==> flow/design.v <==
module times_top (clk_i, aresetn, lhs, rhs, prod);
  parameter integer W = 10;
  parameter integer COUNT = 7;
  localparam integer RW = 2*W + $clog2(COUNT);
  input clk_i;
  input aresetn;
  input [COUNT*W-1:0] lhs;
  input [COUNT*W-1:0] rhs;
  output [RW-1:0] prod;
  reg [RW-1:0] t;
  integer k;
  always @* begin
    t = 0;
    for (k = 0; k < COUNT; k = k + 1)
      t = t + lhs[k*W +: W] * rhs[k*W +: W];
  end
  reg [RW-1:0] prod_r;
  always @(posedge clk_i or negedge aresetn) begin
    if (~aresetn) begin
      prod_r <= 0;
    end else begin
      prod_r <= t;
    end
  end
  assign prod = prod_r;
endmodule
From RTL to reports: times_top
Tool output for the design above, in the order of the flow.
Lines are those of the file above, counted from 1.
Library cell names are shortened.
A cell with n/a has no value.
Set-up
  top module: times_top
  clock input: clk_i
  standard-cell library: sky130hd
  library corner: tt_025C_1v80

Word-level counts
Source: Yosys, flattened and elaborated, memories not mapped. Widths are those after wreduce; folded enables and synchronous resets count as part of the registers. Registers that Yosys merges into a memory's read port (data or address) are not register bits. Print and check cells do not count. Equal cells are merged and count once.
Operators by class
  add/sub/neg operators: 6
  multipliers: 7
Operators with widths (number)
  10-bit by 10-bit multiplier with 20-bit output: 7
  23-bit by 20-bit adder with 23-bit output: 3
  22-bit by 20-bit adder with 23-bit output: 1
  21-bit by 20-bit adder with 22-bit output: 1
  20-bit by 20-bit adder with 21-bit output: 1
Storage and ports
  flip-flop bits (word level): 23
  output and inout bits: 23
  word-level cells: 14

Logic depth
Longest topological path by Yosys (ltp), each cell counted once; first at word level (registers and memories cut), then after technology mapping (sequential cells cut; the memories' decode and read muxes count).
Logic depth
  depth after elaboration: 7
  ABC_AREA: 0
  mapped depth: 29
  mapped depth without buffers: 28

After synthesis
Source: synth_stat.txt of the flow (Yosys; design flattened, memories mapped). It holds for the ABC_AREA given above (unset counts as 0); a run with the other value may have another netlist.
Totals and module areas in this step are rounded.
Cell types
  fa_1: number 660, area in all 1.32E+04 µm²
  ha_1: number 285, area in all 3565.92 µm²
  inv_1: number 818, area in all 3.07E+03 µm²
  and2_1: number 408, area in all 2.55E+03 µm²
  nand2_1: number 304, area in all 1.14E+03 µm²
  dfrtp_1: number 23, area in all 575.552 µm²
  clkbuf_1: number 85, area in all 319.056 µm²
  xnor2_1: number 13, area in all 113.859 µm²
  a21oi_1: number 17, area in all 85.082 µm²
  xor2_1: number 6, area in all 52.55 µm²
  a21o_1: number 5, area in all 37.536 µm²
  a31o_2: number 3, area in all 26.275 µm²
  nor2_1: number 7, area in all 26.275 µm²
  o211ai_1: number 3, area in all 22.522 µm²
  o21ai_0: number 4, area in all 20.019 µm²
  a31oi_1: number 3, area in all 18.768 µm²
  a211o_4: number 1, area in all 17.517 µm²
  o41ai_2: number 1, area in all 16.266 µm²
Other cell types: 16; their cells: 21.
Synthesis totals
  mapped cells: 2667
  cell area after synthesis: 0.025 mm²
  sequential part of the area: 0.000576 mm²
  flip-flop cells: 23
  buffer cells: 85

Path before layout
Path of least setup slack by OpenSTA after synthesis, without wires, with an ideal clock, recovery checks aside; 20% of the period is set as input and as output delay. Where synthesis merged equal registers, the netlist keeps one of their names.
Path after synthesis
  kind: input port to flip-flop
  start: input lhs[62]
  end: register prod_r[20]
  clock period: 11300 ps
  setup time: 125 ps
  launch time at the first pin: 2260 ps
  data arrival time: 9394 ps
  required time: 11175 ps
  setup slack: 1781 ps
  path delay: 7259 ps
  stages on the path: 26
  period reached after synthesis: 9519 ps
"path delay" is the arrival time less input delay plus setup time.
"stages on the path": output pins that drive a net of the path, with the launching flip-flop's if there is one; two outputs of one cell count as two.
"period reached after synthesis" = period - worst setup slack (recovery checks aside). The figure is calculated, with input and output delays left at 20% of the set period.
The rows between start and end are the longest chain of elaborated cells between them; the timing report does not say that the signal goes this way. Where chains are equally long, one stands for them.
Each line given opens the expression or statement behind the cell; cells for indexed reads and writes are added by Yosys, which also makes memories of some case tables.
On the way, after synthesis
  cell sequence: clkbuf_1 > nand2_1 > fa_1 > inv_1 > fa_1 > inv_1 > fa_1 > fa_1 > fa_1 > fa_1 > inv_1 > fa_1 > inv_1 > fa_1 > inv_1 > fa_1 > inv_1 > fa_1 > inv_1 > ha_1 > or3_1 > and3_4 > a211o_4 > a21oi_2 > o21ai_2 > xor2_1
  length of the longest elaborated chain: 2
  elaborated cells on any way between the ends: 2
  those cells by class: add/sub: 1; mul: 1
RTL lines, path after synthesis
  start: declaration: line 7  | input [COUNT*W-1:0] lhs;
  10-bit by 10-bit multiplier with 20-bit output: line 15  | t = t + lhs[k*W +: W] * rhs[k*W +: W];
  23-bit by 20-bit adder with 23-bit output: line 15
  end: assignment: line 20  | prod_r <= 0;
  end: assignment: line 22  | prod_r <= t;
  end: declaration: line 17  | reg [RW-1:0] prod_r;

Timing after layout
From the final timing report of record 3: the path of least setup slack in the routed layout; clock arrival at registers is part of the times.
The path's times are printed in steps of 10 ps; the period is the one set.
Path post-layout
  kind: input port to flip-flop
  start: input lhs[42]
  end: register prod_r[19]
  clock period: 11300 ps
  setup time: 90 ps
  launch time at the first pin: 2260 ps
  data arrival time: 10380 ps
  required time: 11460 ps
  setup slack: 1070 ps
  stages on the path: 25
The rows between start and end are the longest chain of elaborated cells between them; the timing report does not say that the signal goes this way. Where chains are equally long, one stands for them.
On the way, post-layout
  cell sequence: clkdlybuf4s50_1 > and2_1 > fa_1 > inv_1 > fa_1 > inv_1 > fa_1 > inv_1 > fa_1 > inv_1 > fa_1 > fa_1 > fa_1 > fa_1 > inv_1 > fa_1 > fa_1 > inv_1 > ha_1 > o21a_1 > o211ai_1 > a31o_2 > a21boi_1 > a31oi_1 > xnor2_1
  length of the longest elaborated chain: 4
  elaborated cells on any way between the ends: 4
  those cells by class: add/sub: 3; mul: 1
RTL lines, path post-layout
  start: declaration: line 7  | input [COUNT*W-1:0] lhs;
  10-bit by 10-bit multiplier with 20-bit output: line 15  | t = t + lhs[k*W +: W] * rhs[k*W +: W];
  23-bit by 20-bit adder with 23-bit output x3: line 15
  end: assignment: line 20  | prod_r <= 0;
  end: assignment: line 22  | prod_r <= t;
  end: declaration: line 17  | reg [RW-1:0] prod_r;

Hand-over note for times_top

Record of 3 stored runs of the RTL-to-layout flow on times_top, platform sky130hd. The runs are unordered. Constraints: input delay and output delay 20% of the set period each, output load 0.01 pF.
"period achieved" is the run's clock period less its worst setup slack. It is reckoned from that one timing run; input and output delays stay at 20% of the period that was set.
"critical setup path time" = time allowed to the worst setup path (clock period - input delay - output delay, where it has them) - its slack; a late launch clock adds to it, a late capture clock takes from it.
"critical setup path time" is given in steps of 10 ps.
Measured values are rounded.

==> record 1: settings <==
{ "period_ns": 9.6, "CORE_UTILIZATION": 53, "SETUP_SLACK_MARGIN": -0.52, "PLACE_DENSITY_LB_ADDON": 0.01, "HOLD_SLACK_MARGIN": 0.07, "CELL_PAD_IN_SITES_GLOBAL_PLACEMENT": 3, "CELL_PAD_IN_SITES_DETAIL_PLACEMENT": 0, "ABC_AREA": 1, "GPL_TIMING_DRIVEN": 1, "CTS_CLUSTER_SIZE": 13, "CAP_MARGIN": 15, "SLEW_MARGIN": 30, "CORE_MARGIN": 2 }
==> record 1: results <==
no final report: placement broke off with FLW-0024

==> record 2: settings <==
{ "period_ns": 14.3, "CORE_UTILIZATION": 59, "SETUP_SLACK_MARGIN": 3.33, "PLACE_DENSITY_LB_ADDON": 0.03, "HOLD_SLACK_MARGIN": -0.03, "CELL_PAD_IN_SITES_GLOBAL_PLACEMENT": 3, "CELL_PAD_IN_SITES_DETAIL_PLACEMENT": 0, "TNS_END_PERCENT": 30, "ABC_AREA": 0, "GPL_TIMING_DRIVEN": 0, "CAP_MARGIN": 5, "SLEW_MARGIN": 20, "CORE_MARGIN": 2 }
==> record 2: results <==
no final report: placement broke off with FLW-0024

==> record 3: settings <==
{ "period_ns": 11.3, "CAP_MARGIN": 20, "CORE_MARGIN": 2, "CORE_UTILIZATION": 40, "SLEW_MARGIN": 20 }
==> record 3: results <==
utilization in the final report: 44.5%
area inside the die boundary: 0.0646 mm²
critical setup path time: 7970 ps
class of the worst setup path: input port to flip-flop
worst setup slack after layout: 1070 ps
period achieved: 10227 ps
standard-cell area after routing: 0.0275 mm²
area of the synthesized netlist: 0.025 mm²

End of note.
